==> flow/design.v <==
module my_diff_unit_p #(
    parameter DW = 18
) (
    input logic clk,
    input logic enable,
    input logic [DW-1:0] in_arg0,
    input logic [DW-1:0] in_arg1,
    output logic [DW-1:0] out_d,
    output logic out_bout
);
    logic [DW-1:0] arg0_q;
    always_ff @(posedge clk) begin
        if (enable) begin
            arg0_q <= in_arg0;
        end
    end
    logic [DW-1:0] arg1_q;
    always_ff @(posedge clk) begin
        if (enable) begin
            arg1_q <= in_arg1;
        end
    end
    localparam LW = DW / 2;
    logic [LW:0] l_q;
    always_ff @(posedge clk) begin
        if (enable) begin
            l_q <= arg0_q[LW-1:0] - arg1_q[LW-1:0];
        end
    end
    logic [DW-LW-1:0] arg0_hi_q;
    always_ff @(posedge clk) begin
        if (enable) begin
            arg0_hi_q <= arg0_q[DW-1:LW];
        end
    end
    logic [DW-LW-1:0] arg1_hi_q;
    always_ff @(posedge clk) begin
        if (enable) begin
            arg1_hi_q <= arg1_q[DW-1:LW];
        end
    end
    logic [DW-LW:0] high;
    assign high = arg0_hi_q - arg1_hi_q - l_q[LW];
    always_ff @(posedge clk) begin
        if (enable) begin
            out_d <= {high[DW-LW-1:0], l_q[LW-1:0]};
        end
    end
    always_ff @(posedge clk) begin
        if (enable) begin
            out_bout <= high[DW-LW];
        end
    end
endmodule
## Tool chain data of my_diff_unit_p

The steps from the RTL of my_diff_unit_p to its reports follow in flow order.
Line numbers count from 1 in the design file above.
Cell names lack the library's common part.
The mark n/a stands for no value.

| inputs | value |
|---|---|
| design top | my_diff_unit_p |
| clock | clk |
| library | sky130hd |
| timing corner | tt_025C_1v80 |

## Elaborated design

Source: Yosys, flattened and elaborated, memories not mapped. Widths are those after wreduce; folded enables and synchronous resets count as part of the registers. Registers that Yosys merges into a memory's read port (data or address) are not register bits. Print and check cells do not count. Equal cells are merged and count once.

| bit counts | value |
|---|---|
| bits of input ports | 38 |
| flip-flop bits (word level) | 83 |

| cells by class | value |
|---|---|
| add/sub/neg operators | 3 |

Operator list:

| kind | count |
|---|---|
| 9-bit by 9-bit subtractor with 10-bit output | 2 |
| 10-bit by 1-bit subtractor with 10-bit output | 1 |

## Depth

Depth = most cells in a row (Yosys ltp): at word level without a register or memory, in the mapped netlist without a sequential cell, where the memories' decode and read muxes count.

| logic depth | value |
|---|---|
| word-level depth | 2 |
| ABC_AREA | 0 |
| mapped depth | 9 |

## After synthesis

Yosys stat after the flow's synthesis: flattened, memories mapped to cells. It holds for the ABC_AREA given above (unset counts as 0); a run with the other value may have another netlist.
Totals and module areas in this step are rounded.

| mapped netlist | value |
|---|---|
| mapped flip-flops | 83 |
| cell area after synthesis | 3400 µm² |
| mapped cells | 212 |

Cells by type:

| type | count |
|---|---|
| edfxtp_1 | 83 |
| ha_1 | 23 |
| inv_1 | 38 |
| xnor2_1 | 7 |
| fa_1 | 3 |
| xor2_1 | 5 |
| a21oi_1 | 7 |
| nand2_1 | 8 |
| o21a_1 | 4 |
| a21o_1 | 3 |
| a31oi_1 | 3 |
| nor2_1 | 5 |
| a21oi_2 | 2 |
| o2111ai_1 | 2 |
| o31a_1 | 2 |
| o21ai_0 | 3 |
| nand4_1 | 2 |
| nor2b_1 | 2 |

Not listed: further types 9, cells in them 10.

## Worst setup path after synthesis

Source: OpenSTA report_checks on the synthesized netlist (no wires, ideal clock, input and output delay 20% of the period each), path of least setup slack; recovery checks are left aside. Register names are those of the netlist, which keeps one name where synthesis merged equal registers.

| path post-synthesis | value |
|---|---|
| path kind | register -> register |
| start point | reg arg0_hi_q[0] |
| end point | reg out_d[17] |
| delay of the path | 1.980 ns |
| required time | 2.345 ns |
| arrival time | 1.845 ns |
| driving pins on the path | 9 |
| period | 2.48 ns |
| buffers on the path | 0 |
| slack | 0.500 ns |
| time at the first pin | 0.000 ns |
| synthesis period reached | 1.98 ns |

"delay of the path" = arrival - input delay + setup time.
"driving pins on the path": output pins that drive a net of the path, with the launching flip-flop's if there is one; two outputs of one cell count as two.
"synthesis period reached" is the clock period less the worst setup slack; recovery checks do not enter. This is arithmetic on one report: input and output delays are still those of the set period (20% each).
The rows between start and end are the longest chain of elaborated cells between them; the timing report does not say that the signal goes this way. Where chains are equally long, one stands for them.
Each line given opens the expression or statement behind the cell; cells for indexed reads and writes are added by Yosys, which also makes memories of some case tables.

| on the way, post-synthesis | value |
|---|---|
| path through | edfxtp_1 fa_1 inv_1 fa_1 nand2_1 a21oi_2 o21ai_2 or4_1 nand3_1 |
| length of the longest elaborated chain | 2 |

Ends and longest elaborated chain, post-synthesis:

| item | RTL line | RTL |
|---|---|---|
| start, declared | 30 | `logic [DW-LW-1:0] arg0_hi_q;` |
| start, assigned | 33 | `arg0_hi_q <= arg0_q[DW-1:LW];` |
| 9-bit by 9-bit subtractor with 10-bit output | 43 | `assign high = arg0_hi_q - arg1_hi_q - l_q[LW];` |
| 10-bit by 1-bit subtractor with 10-bit output | 43 |  |
| end, assigned | 46 | `out_d <= {high[DW-LW-1:0], l_q[LW-1:0]};` |
| end, declared | 8 | `output logic [DW-1:0] out_d,` |

## Worst path after layout

Path of least setup slack in the final report of flow run A (OpenROAD, finished layout, wires in). Where an end is a register, its clock arrival counts in the times.

| path after layout | value |
|---|---|
| path kind | register -> register |
| start point | reg l_q[9] |
| end point | reg out_d[17] |
| period | 2.48 ns |
| slack | 0.37 ns |
| arrival time | 2.32 ns |
| buffers on the path | 0 |
| time at the first pin | 0.34 ns |
| driving pins on the path | 10 |
| required time | 2.69 ns |

The rows between start and end are the longest chain of elaborated cells between them; the timing report does not say that the signal goes this way. Where chains are equally long, one stands for them.

| on the way, after layout | value |
|---|---|
| path through | edfxtp_1 inv_1 fa_1 inv_1 fa_1 nand2_1 a21oi_2 o21ai_2 or4_1 nand3_1 |
| length of the longest elaborated chain | 1 |

Ends and longest elaborated chain, after layout:

| item | RTL line | RTL |
|---|---|---|
| start, declared | 24 | `logic [LW:0] l_q;` |
| start, assigned | 27 | `l_q <= arg0_q[LW-1:0] - arg1_q[LW-1:0];` |
| 10-bit by 1-bit subtractor with 10-bit output | 43 | `assign high = arg0_hi_q - arg1_hi_q - l_q[LW];` |
| end, assigned | 46 | `out_d <= {high[DW-LW-1:0], l_q[LW-1:0]};` |
| end, declared | 8 | `output logic [DW-1:0] out_d,` |

Ticket comment

Record of 3 stored runs of the RTL-to-layout flow on my_diff_unit_p, platform sky130hd. The runs are unordered. Constraints: input delay and output delay 20% of the set period each, output load 0.01 pF.
By "clock period reached" is meant the clock period of the run minus its worst setup slack. This is arithmetic on one report: input and output delays are still those of the set period (20% each).
"power consumption" is the tool's figure for a default switching activity; nothing was simulated.
Results are given in rounded form.

## Flow run A

==> flow/run.sh <==
#!/bin/bash
# the make line also repeats the synthesis and layout settings of config.mk as NAME=value (left out here)
make -C /OpenROAD-flow-scripts/flow DESIGN_CONFIG=/design/flow/config.mk WORK_HOME=/design/flow/orfs CLKGATE_MAP_FILE= finish
==> flow/config.mk <==
export PLATFORM = sky130hd
export DESIGN_NAME = my_diff_unit_p
export DESIGN_NICKNAME = my_diff_unit_p
export VERILOG_FILES = /design/flow/design.v
export SDC_FILE = /design/flow/constraint.sdc
export NUM_CORES = 4
export LEC_CHECK = 0
export CAP_MARGIN = 20
export CORE_MARGIN = 2
export CORE_UTILIZATION = 40
export SLEW_MARGIN = 20
==> flow/constraint.sdc <==
create_clock -name core_clock -period 2.48 [get_ports {clk}]
set_input_delay 0.4960 -clock core_clock [delete_from_list [all_inputs] [get_ports {clk}]]
set_output_delay 0.4960 -clock core_clock [all_outputs]
set_load 0.01 [all_outputs]

| result of flow run A | value |
|---|---|
| mapped cell area after synthesis | 3400 µm² |
| die outline area | 9260 µm² |
| area of the standard cells in the finished layout | 4320 µm² |
| utilization | 52.6% |
| smallest setup slack | 0.369 ns |
| total negative slack on setup checks | 0.000 ns |
| power consumption | 3340 µW |
| clock period reached | 2.111 ns |

## Flow run B

==> flow/run.sh <==
#!/bin/bash
# the make line also repeats the synthesis and layout settings of config.mk as NAME=value (left out here)
make -C /OpenROAD-flow-scripts/flow DESIGN_CONFIG=/design/flow/config.mk WORK_HOME=/design/flow/orfs CLKGATE_MAP_FILE= finish
==> flow/config.mk <==
export PLATFORM = sky130hd
export DESIGN_NAME = my_diff_unit_p
export DESIGN_NICKNAME = my_diff_unit_p
export VERILOG_FILES = /design/flow/design.v
export SDC_FILE = /design/flow/constraint.sdc
export NUM_CORES = 4
export LEC_CHECK = 0
export ABC_AREA = 1
export CAP_MARGIN = 20
export CELL_PAD_IN_SITES_DETAIL_PLACEMENT = 1
export CORE_MARGIN = 2
export CORE_UTILIZATION = 19
export CTS_CLUSTER_DIAMETER = 338
export GPL_ROUTABILITY_DRIVEN = 1
export GPL_TIMING_DRIVEN = 1
export PLACE_DENSITY = 0.71
export SLEW_MARGIN = 20
export TNS_END_PERCENT = 35
==> flow/constraint.sdc <==
create_clock -name core_clock -period 3.61 [get_ports {clk}]
set_input_delay 0.7220 -clock core_clock [delete_from_list [all_inputs] [get_ports {clk}]]
set_output_delay 0.7220 -clock core_clock [all_outputs]
set_load 0.01 [all_outputs]

| result of flow run B | value |
|---|---|
| mapped cell area after synthesis | 3590 µm² |
| die outline area | 20000 µm² |
| area of the standard cells in the finished layout | 4680 µm² |
| utilization | 25.1% |
| smallest setup slack | 1.64 ns |
| total negative slack on setup checks | 0.000 ns |
| power consumption | 2410 µW |
| clock period reached | 1.973 ns |

## Flow run C

==> flow/run.sh <==
#!/bin/bash
# the make line also repeats the synthesis and layout settings of config.mk as NAME=value (left out here)
make -C /OpenROAD-flow-scripts/flow DESIGN_CONFIG=/design/flow/config.mk WORK_HOME=/design/flow/orfs CLKGATE_MAP_FILE= finish
==> flow/config.mk <==
export PLATFORM = sky130hd
export DESIGN_NAME = my_diff_unit_p
export DESIGN_NICKNAME = my_diff_unit_p
export VERILOG_FILES = /design/flow/design.v
export SDC_FILE = /design/flow/constraint.sdc
export NUM_CORES = 4
export LEC_CHECK = 0
export CAP_MARGIN = 20
export CORE_ASPECT_RATIO = 0.99
export CORE_MARGIN = 2
export CORE_UTILIZATION = 48
export CTS_CLUSTER_DIAMETER = 181
export GPL_TIMING_DRIVEN = 1
export HOLD_SLACK_MARGIN = 0.27
export MIN_ROUTING_LAYER = met1
export PLACE_DENSITY = 0.5
export SETUP_SLACK_MARGIN = -0.22
export SLEW_MARGIN = 40
export TNS_END_PERCENT = 30
==> flow/constraint.sdc <==
create_clock -name core_clock -period 2.72 [get_ports {clk}]
set_input_delay 0.5440 -clock core_clock [delete_from_list [all_inputs] [get_ports {clk}]]
set_output_delay 0.5440 -clock core_clock [all_outputs]
set_load 0.01 [all_outputs]

| result of flow run C | value |
|---|---|
| mapped cell area after synthesis | 3400 µm² |
| die outline area | 7780 µm² |
| area of the standard cells in the finished layout | 4310 µm² |
| utilization | 62.7% |
| smallest setup slack | 0.588 ns |
| total negative slack on setup checks | 0.000 ns |
| power consumption | 3030 µW |
| clock period reached | 2.132 ns |
